==> flow/design.v <==
module ex_addsub_n #(
    parameter integer WD = 80
) (
    input core_clk,
    input rst_n,
    input [WD-1:0] da_in,
    input [WD-1:0] db_in,
    output [WD:0] s_out,
    output [WD:0] result_out
);
    reg [WD-1:0] da_ff;
    reg [WD-1:0] db_ff;
    always @(posedge core_clk or negedge rst_n) begin
        if (!rst_n) begin
            da_ff <= 0;
            db_ff <= 0;
        end else begin
            da_ff <= da_in;
            db_ff <= db_in;
        end
    end
    assign s_out = da_ff + db_ff;
    assign result_out = da_ff - db_ff;
endmodule
### Step by step through the tools: ex_addsub_n

Tool output for the design above, in the order of the flow.
Line numbers count from 1 in the design file above.
Library cell names are shortened.
The mark -- stands for no value.

| inputs | value |
|---|---|
| top | ex_addsub_n |
| clock input | core_clk |
| library | sky130hd |
| corner | tt_025C_1v80 |

### Word-level counts

Counts by Yosys on the flattened word-level netlist (proc, flatten, opt, wreduce; memories kept). Register bits leave out memories and registers merged into their read ports (data or address); mux counts leave out enables and synchronous resets folded into registers. Print and check cells are left out. Cells with the same type and inputs are merged into one.

| storage and ports | value |
|---|---|
| flip-flop bits (word level) | 160 |
| input port bits | 162 |
| elaborated cells | 4 |

| operators by class | value |
|---|---|
| add/subtract/negate cells | 2 |

Operator list:

| kind | number |
|---|---|
| adder 80 x 80 -> 81 bit | 1 |
| subtractor 80 x 80 -> 81 bit | 1 |

### Logic depth

Depth = most cells in a row (Yosys ltp): at word level without a register or memory, in the mapped netlist without a sequential cell, where the memories' decode and read muxes count.

| depth | value |
|---|---|
| depth after elaboration | 1 |
| ABC_AREA | 0 |
| depth in mapped cells | 14 |

### Netlist

Yosys stat after the flow's synthesis: flattened, memories mapped to cells. It holds for the ABC_AREA given above (unset counts as 0); a run with the other value may have another netlist.

| mapped netlist | value |
|---|---|
| cell count | 1751 |
| chip area (Yosys) | 0.0141473 mm² |
| mapped flip-flops | 160 |
| buffers | 79 |

Cell types:

| cell type | number | total area (µm²) |
|---|---|---|
| dfrtp_1 | 160 | 4003.84 |
| ha_1 | 160 | 2001.92 |
| xnor2_1 | 132 | 1.16E+03 |
| a21oi_1 | 209 | 1.05E+03 |
| nor2_1 | 160 | 600.576 |
| inv_1 | 159 | 596.822 |
| o21ai_0 | 106 | 530.509 |
| nand2_1 | 95 | 356.592 |
| o21bai_1 | 47 | 352.838 |
| nor3_1 | 42 | 210.202 |
| nand4_1 | 33 | 206.448 |
| nor4_1 | 31 | 193.936 |
| a21o_1 | 25 | 187.68 |
| nand3_1 | 37 | 185.178 |
| nor2b_1 | 28 | 175.168 |
| o31ai_1 | 23 | 172.666 |
| clkbuf_1 | 44 | 165.158 |
| xor2_1 | 18 | 157.651 |

Other cell types: 55; their cells: 242.

### Path before layout

OpenSTA on the mapped netlist: ideal clock, no wires. The path of least setup slack (recovery checks aside). Input and output delay are each 20% of the period. Register names are those of the netlist, which keeps one name where synthesis merged equal registers.

| timing after synthesis | value |
|---|---|
| kind | flip-flop to output port |
| start | reg da_ff[0] |
| end | out result_out[74] |
| clock period | 4930 ps |
| output delay | 986 ps |
| arrival | 3154 ps |
| slack | 790 ps |
| delay of the path | 3154 ps |
| driving pins on the path | 14 |
| synthesis period reached | 4140 ps |

"delay of the path" = arrival - input delay + setup time.
At an output port there is no setup time.
"driving pins on the path" counts driving pins, that of a launching flip-flop among them; a cell with two outputs on the path counts twice.
"synthesis period reached" is the clock period less the worst setup slack; recovery checks do not enter. This is arithmetic on one report: input and output delays are still those of the set period (20% each).
Between the ends stands the longest chain of elaborated cells between them, by number of cells; it is not shown to be the way that was timed. Of several equally long chains one is given.
A line is the first line of the expression or statement that the cell stems from. Yosys adds cells for indexed reads and writes and turns some case tables into memories.

| between the ends, after synthesis | value |
|---|---|
| cell sequence | dfrtp_1 -> inv_1 -> ha_1 -> fa_1 -> nor2b_1 -> o31a_1 -> a21oi_1 -> o21ai_0 -> a21oi_1 -> o21ai_1 -> a31oi_1 -> o41ai_1 -> a21boi_0 -> xnor2_1 |
| cells in the longest elaborated chain | 1 |
| elaborated cells between the ends (all ways) | 1 |
| RTL lines with such cells | 1 |
| those cells by class | add/sub (1) |

RTL lines, path after synthesis:

| item | RTL line | source |
|---|---|---|
| start: declaration | 11 | `reg [WD-1:0] da_ff;` |
| start: assignment | 15 | `da_ff <= 0;` |
| start: assignment | 18 | `da_ff <= da_in;` |
| subtractor 80 x 80 -> 81 bit | 23 | `assign result_out = da_ff - db_ff;` |
| end: declaration | 9 | `output [WD:0] result_out` |

### Path in the finished layout

From the final timing report of record 1: the path of least setup slack in the routed layout; clock arrival at registers is part of the times.
The report prints the path's times to 10 ps; the period is as set.

| timing after layout | value |
|---|---|
| kind | flip-flop to output port |
| start | reg da_ff[0] |
| end | out s_out[72] |
| clock period | 4210 ps |
| output delay | 840 ps |
| arrival | 4030 ps |
| slack | -660 ps |
| driving pins on the path | 19 |

Between the ends stands the longest chain of elaborated cells between them, by number of cells; it is not shown to be the way that was timed. Of several equally long chains one is given.

| between the ends, after layout | value |
|---|---|
| cell sequence | dfrtp_1 -> buf_6 -> ha_4 -> fa_2 -> nor2b_4 -> o211ai_1 -> a31oi_1 -> buf_4 -> o311ai_4 -> a311oi_2 -> buf_4 -> nor3_4 -> buf_6 -> o21ai_4 -> a21oi_2 -> buf_6 -> o21ai_4 -> xnor2_2 -> buf_2 |
| cells in the longest elaborated chain | 1 |
| elaborated cells between the ends (all ways) | 1 |
| RTL lines with such cells | 1 |
| those cells by class | add/sub (1) |

RTL lines, path after layout:

| item | RTL line | source |
|---|---|---|
| start: declaration | 11 | `reg [WD-1:0] da_ff;` |
| start: assignment | 15 | `da_ff <= 0;` |
| start: assignment | 18 | `da_ff <= da_in;` |
| adder 80 x 80 -> 81 bit | 22 | `assign s_out = da_ff + db_ff;` |
| end: declaration | 8 | `output [WD:0] s_out,` |

FLOW RESULTS
============

Record of 3 stored runs of the RTL-to-layout flow on ex_addsub_n, platform sky130hd. The runs are unordered. Constraints: input delay and output delay 20% of the set period each, output load 0.01 pF.
"worst path time" is the time allowed to the run's worst setup path (the clock period less input and output delay, where it has them) less its slack. Clock arrival times count: a late capture clock shortens it, a late launch clock lengthens it.
"total design power" rests on the timing tool's default activity at the inputs, not on a simulated workload.
"worst path time" is known to 10 ps.
A setting shown as -- is not set for that run.

| run name | period_ns | CORE_UTILIZATION | PLACE_DENSITY_LB_ADDON | CORE_ASPECT_RATIO | CELL_PAD_IN_SITES_GLOBAL_PLACEMENT | GPL_TIMING_DRIVEN | MIN_ROUTING_LAYER | MAX_ROUTING_LAYER | CAP_MARGIN | CORE_MARGIN | SLEW_MARGIN | TNS_END_PERCENT | GPL_ROUTABILITY_DRIVEN | standard-cell area after routing (mm²) | post-route utilization (%) | total design power (µW) | worst path time (ps) | critical path kind | setup slack of the critical path (ps) | total negative slack (ps) | full die area (mm²) | cell area after synthesis (mm²) |
|---|---|---|---|---|---|---|---|---|---|---|---|---|---|---|---|---|---|---|---|---|---|---|
| record 1 | 4.21 | 30 | 0.21 | 1.16 | 3 | 1 | met1 | met5 | 20 | 2 | 20 | -- | -- | 0.0256346 | 55.2 | 7413 | 4030 | flip-flop to output port | -657 | -29516 | 0.0489151 | 0.0141473 |
| record 2 | 3.77 | 33 | 0.02 | -- | 3 | 1 | met1 | met4 | 40 | 2 | 10 | 75 | 0 | 0.0264066 | 62.7 | 8488 | 3880 | flip-flop to output port | -867 | -62649 | 0.0445421 | 0.0141473 |
| record 3 | 4.93 | 40 | -- | -- | -- | -- | -- | -- | 20 | 2 | 20 | -- | -- | 0.020875 | 60.1 | 5617 | 4030 | flip-flop to output port | -84 | -141 | 0.036889 | 0.0141473 |
